==> flow/design.v <==
module u_mul_unit #(
   parameter DATA_WIDTH = 16
) (
   input  clock,
   input  aresetn,
   input  [DATA_WIDTH-1:0] first,
   input  [DATA_WIDTH-1:0] second,
   input  [2*DATA_WIDTH-1:0] third,
   output [2*DATA_WIDTH:0] m
);
   reg [DATA_WIDTH-1:0] first_ff;
   reg [DATA_WIDTH-1:0] second_ff;
   reg [2*DATA_WIDTH-1:0] third_ff;
   always @(posedge clock) begin
      if (!aresetn) begin
         first_ff <= 0;
         second_ff <= 0;
         third_ff <= 0;
      end else begin
         first_ff <= first;
         second_ff <= second;
         third_ff <= third;
      end
   end
   assign m = first_ff * second_ff + third_ff;
endmodule
---- Tool chain data of u_mul_unit ----
Tool output for the design above, in the order of the flow.
Lines are those of the file above, counted from 1.
Cell names lack the library's common part.
Not given: --
set-up
  design top .............................. u_mul_unit
  clock ................................... clock
  library ................................. sky130hd
  library corner .......................... tt_025C_1v80

---- Elaborated design ----
Source: Yosys, flattened and elaborated, memories not mapped. Widths are those after wreduce; folded enables and synchronous resets count as part of the registers. Registers that Yosys merges into a memory's read port (data or address) are not register bits. Print and check cells do not count. Equal cells are merged and count once.
storage and ports
  register bits ........................... 64
  input port bits ......................... 66
  output and inout port bits .............. 33
  cells after elaboration ................. 5
cells by class
  $add $sub $neg .......................... 1
  multipliers ............................. 1
operators with widths
  cell                          number
  multiplier 16 x 16 -> 32 bit  1
  adder 32 x 32 -> 33 bit       1

---- Depth ----
Yosys ltp: most cells in a row. Word level: on the elaborated netlist, between registers, memories and ports. Mapped: between sequential cells and ports; inverters and the memories' decode and read muxes count.
depth
  depth after elaboration ................. 2
  ABC_AREA ................................ 0
  gate-level depth with buffers ........... 23

---- Mapped cells and area ----
The flow's flattened synthesis, as Yosys stat reports it; memories are mapped. The netlist is that of the ABC_AREA named above (0 if unset); the other value can give another one.
The area totals of this step are shown rounded.
cells by type
  type      number
  fa_1      226
  ha_1      104
  inv_1     344
  dfxtp_1   64
  and2_1    193
  nand2_1   149
  clkbuf_1  43
  a21oi_1   29
  xnor2_1   15
  xor2_1    12
  o21ai_0   14
  nor2_1    17
  a21o_1    6
  nand3_1   7
  nor2b_1   5
  o21a_1    4
  o21bai_1  4
  and4_1    3
Other cell types: 30; their cells: 45.
synthesis totals
  cells in the netlist .................... 1,284
  chip area (Yosys) ....................... 0.0114 mm²
  flip-flops .............................. 64
  buffers ................................. 44

---- Path before layout ----
Source: OpenSTA report_checks on the synthesized netlist (no wires, ideal clock, input and output delay 20% of the period each), path of least setup slack; recovery checks are left aside. Register names are those of the netlist, which keeps one name where synthesis merged equal registers.
path post-synthesis
  path kind ............................... flip-flop to output port
  start ................................... register second_ff[1]
  end ..................................... output port m[20]
  clock period ............................ 9,140 ps
  output delay ............................ 1,828 ps
  time at the first pin ................... 0 ps
  data arrival time ....................... 5,848 ps
  required time ........................... 7,312 ps
  setup slack ............................. 1,464 ps
  path delay .............................. 5,848 ps
  driving pins on the path ................ 20
  buffers on the path ..................... 1
  synthesis period reached ................ 7,676 ps
"path delay" is the arrival time less input delay plus setup time.
A path that ends at an output port has no setup time.
"driving pins on the path": output pins that drive a net of the path, with the launching flip-flop's if there is one; two outputs of one cell count as two.
"synthesis period reached" = period - worst setup slack (recovery checks aside). The figure is calculated, with input and output delays left at 20% of the set period.
Between the ends stands the longest chain of elaborated cells between them, by number of cells; it is not shown to be the way that was timed. Of several equally long chains one is given.
A line is the first line of the expression or statement that the cell stems from. Yosys adds cells for indexed reads and writes and turns some case tables into memories.
on the way, post-synthesis
  path through ............................ dfxtp_1 clkbuf_1 nand2_1 fa_1 fa_1 fa_1 inv_1 fa_1 fa_1 inv_1 fa_1 inv_1 ha_1 and4_1 nand2_1 or3_4 a21oi_4 o2111ai_2 mux2i_1 or4_1
  cells in the longest elaborated chain ... 2
  elaborated cells on any way between the ends .. 2
  RTL lines with such cells ............... 1
RTL lines, path post-synthesis
  item                          RTL line  text
  start, declared               12        reg [DATA_WIDTH-1:0] second_ff;
  start, assigned               17        second_ff <= 0;
  start, assigned               21        second_ff <= second;
  multiplier 16 x 16 -> 32 bit  25        assign m = first_ff * second_ff + third_ff;
  adder 32 x 32 -> 33 bit       25
  end, declared                 9         output [2*DATA_WIDTH:0] m

---- Worst path after layout ----
From the final timing report of flow run 1: the path of least setup slack in the routed layout; clock arrival at registers is part of the times.
The report prints the path's times to 10 ps; the period is as set.
path after layout
  path kind ............................... flip-flop to output port
  start ................................... register first_ff[8]
  end ..................................... output port m[31]
  clock period ............................ 9,140 ps
  output delay ............................ 1,830 ps
  time at the first pin ................... 340 ps
  data arrival time ....................... 7,020 ps
  required time ........................... 7,310 ps
  setup slack ............................. 290 ps
  driving pins on the path ................ 21
  buffers on the path ..................... 2
Between the ends stands the longest chain of elaborated cells between them, by number of cells; it is not shown to be the way that was timed. Of several equally long chains one is given.
on the way, after layout
  path through ............................ dfxtp_1 buf_4 nand2_1 fa_1 inv_1 fa_1 fa_1 fa_1 fa_1 inv_1 fa_1 inv_1 ha_1 and4_1 nand2_1 a211oi_1 a211o_1 o21bai_1 o21ai_0 xor2_1 clkdlybuf4s50_1
  cells in the longest elaborated chain ... 2
  elaborated cells on any way between the ends .. 2
  RTL lines with such cells ............... 1
RTL lines, path after layout
  item                          RTL line  text
  start, declared               11        reg [DATA_WIDTH-1:0] first_ff;
  start, assigned               16        first_ff <= 0;
  start, assigned               20        first_ff <= first;
  multiplier 16 x 16 -> 32 bit  25        assign m = first_ff * second_ff + third_ff;
  adder 32 x 32 -> 33 bit       25
  end, declared                 9         output [2*DATA_WIDTH:0] m

## Implementation results

Record of 3 stored runs of the RTL-to-layout flow on u_mul_unit, platform sky130hd. The runs are unordered. Constraints: input delay and output delay 20% of the set period each, output load 0.01 pF.
By "achieved clock period" is meant the clock period of the run minus its worst setup slack. This is arithmetic on one report: input and output delays are still those of the set period (20% each).
By "time used up by the worst setup path" is meant the share of the clock period that the worst setup path is allowed (20% is reserved at inputs, 20% at outputs), minus its slack. Clock arrival times at its registers enter into it.
"total power of the final layout": no workload was simulated; the value follows from the tool's default switching activity.
"time used up by the worst setup path" is known to 10 ps.
Values from the reports are rounded here.

======== flow run 1 ========
==> flow/run.sh <==
#!/bin/bash
# the make line also repeats the synthesis and layout settings of config.mk as NAME=value (left out here)
make -C /OpenROAD-flow-scripts/flow DESIGN_CONFIG=/design/flow/config.mk WORK_HOME=/design/flow/orfs CLKGATE_MAP_FILE= finish
==> flow/config.mk <==
export PLATFORM = sky130hd
export DESIGN_NAME = u_mul_unit
export DESIGN_NICKNAME = u_mul_unit
export VERILOG_FILES = /design/flow/design.v
export SDC_FILE = /design/flow/constraint.sdc
export NUM_CORES = 4
export LEC_CHECK = 0
export CAP_MARGIN = 20
export CORE_MARGIN = 2
export CORE_UTILIZATION = 40
export SLEW_MARGIN = 20
==> flow/constraint.sdc <==
create_clock -name core_clock -period 9.14 [get_ports {clock}]
set_input_delay 1.8280 -clock core_clock [delete_from_list [all_inputs] [get_ports {clock}]]
set_output_delay 1.8280 -clock core_clock [all_outputs]
set_load 0.01 [all_outputs]

-------- measured, flow run 1 --------
  total negative slack on setup checks .... 0 ps
  total power of the final layout ......... 1.967 mW
  time used up by the worst setup path .... 7,020 ps
  critical path type ...................... flip-flop to output port
  worst slack on setup checks ............. 295 ps
  standard-cell area after routing ........ 0.01307 mm²
  achieved clock period ................... 8,845 ps
  final worst hold slack .................. 2,043 ps
  die size ................................ 0.02986 mm²
  utilization ............................. 46.8 %
  post-synthesis cell area ................ 0.0114 mm²

======== flow run 2 ========
==> flow/run.sh <==
#!/bin/bash
# the make line also repeats the synthesis and layout settings of config.mk as NAME=value (left out here)
make -C /OpenROAD-flow-scripts/flow DESIGN_CONFIG=/design/flow/config.mk WORK_HOME=/design/flow/orfs CLKGATE_MAP_FILE= finish
==> flow/config.mk <==
export PLATFORM = sky130hd
export DESIGN_NAME = u_mul_unit
export DESIGN_NICKNAME = u_mul_unit
export VERILOG_FILES = /design/flow/design.v
export SDC_FILE = /design/flow/constraint.sdc
export NUM_CORES = 4
export LEC_CHECK = 0
export ABC_AREA = 1
export CAP_MARGIN = 20
export CELL_PAD_IN_SITES_DETAIL_PLACEMENT = 0
export CORE_ASPECT_RATIO = 0.8
export CORE_MARGIN = 2
export CORE_UTILIZATION = 69
export CTS_CLUSTER_DIAMETER = 198
export MAX_ROUTING_LAYER = met5
export PLACE_DENSITY_LB_ADDON = 0.11
export SETUP_SLACK_MARGIN = 1.09
export SLEW_MARGIN = 20
==> flow/constraint.sdc <==
create_clock -name core_clock -period 5.98 [get_ports {clock}]
set_input_delay 1.1960 -clock core_clock [delete_from_list [all_inputs] [get_ports {clock}]]
set_output_delay 1.1960 -clock core_clock [all_outputs]
set_load 0.01 [all_outputs]

-------- flow run 2 --------
  did not finish, routing stopped with GRT-0232

======== flow run 3 ========
==> flow/run.sh <==
#!/bin/bash
# the make line also repeats the synthesis and layout settings of config.mk as NAME=value (left out here)
make -C /OpenROAD-flow-scripts/flow DESIGN_CONFIG=/design/flow/config.mk WORK_HOME=/design/flow/orfs CLKGATE_MAP_FILE= finish
==> flow/config.mk <==
export PLATFORM = sky130hd
export DESIGN_NAME = u_mul_unit
export DESIGN_NICKNAME = u_mul_unit
export VERILOG_FILES = /design/flow/design.v
export SDC_FILE = /design/flow/constraint.sdc
export NUM_CORES = 4
export LEC_CHECK = 0
export ABC_AREA = 0
export CAP_MARGIN = 20
export CELL_PAD_IN_SITES_DETAIL_PLACEMENT = 2
export CELL_PAD_IN_SITES_GLOBAL_PLACEMENT = 0
export CORE_ASPECT_RATIO = 0.58
export CORE_MARGIN = 2
export CORE_UTILIZATION = 26
export MAX_ROUTING_LAYER = met4
export MIN_ROUTING_LAYER = met1
export PLACE_DENSITY = 0.36
export SLEW_MARGIN = 40
export TNS_END_PERCENT = 95
==> flow/constraint.sdc <==
create_clock -name core_clock -period 14.3 [get_ports {clock}]
set_input_delay 2.8600 -clock core_clock [delete_from_list [all_inputs] [get_ports {clock}]]
set_output_delay 2.8600 -clock core_clock [all_outputs]
set_load 0.01 [all_outputs]

-------- measured, flow run 3 --------
  total negative slack on setup checks .... 0 ps
  total power of the final layout ......... 1.314 mW
  time used up by the worst setup path .... 7,640 ps
  critical path type ...................... flip-flop to output port
  worst slack on setup checks ............. 3,799 ps
  standard-cell area after routing ........ 0.01325 mm²
  achieved clock period ................... 10,501 ps
  final worst hold slack .................. 3,040 ps
  die size ................................ 0.04558 mm²
  utilization ............................. 30.6 %
  post-synthesis cell area ................ 0.0114 mm²
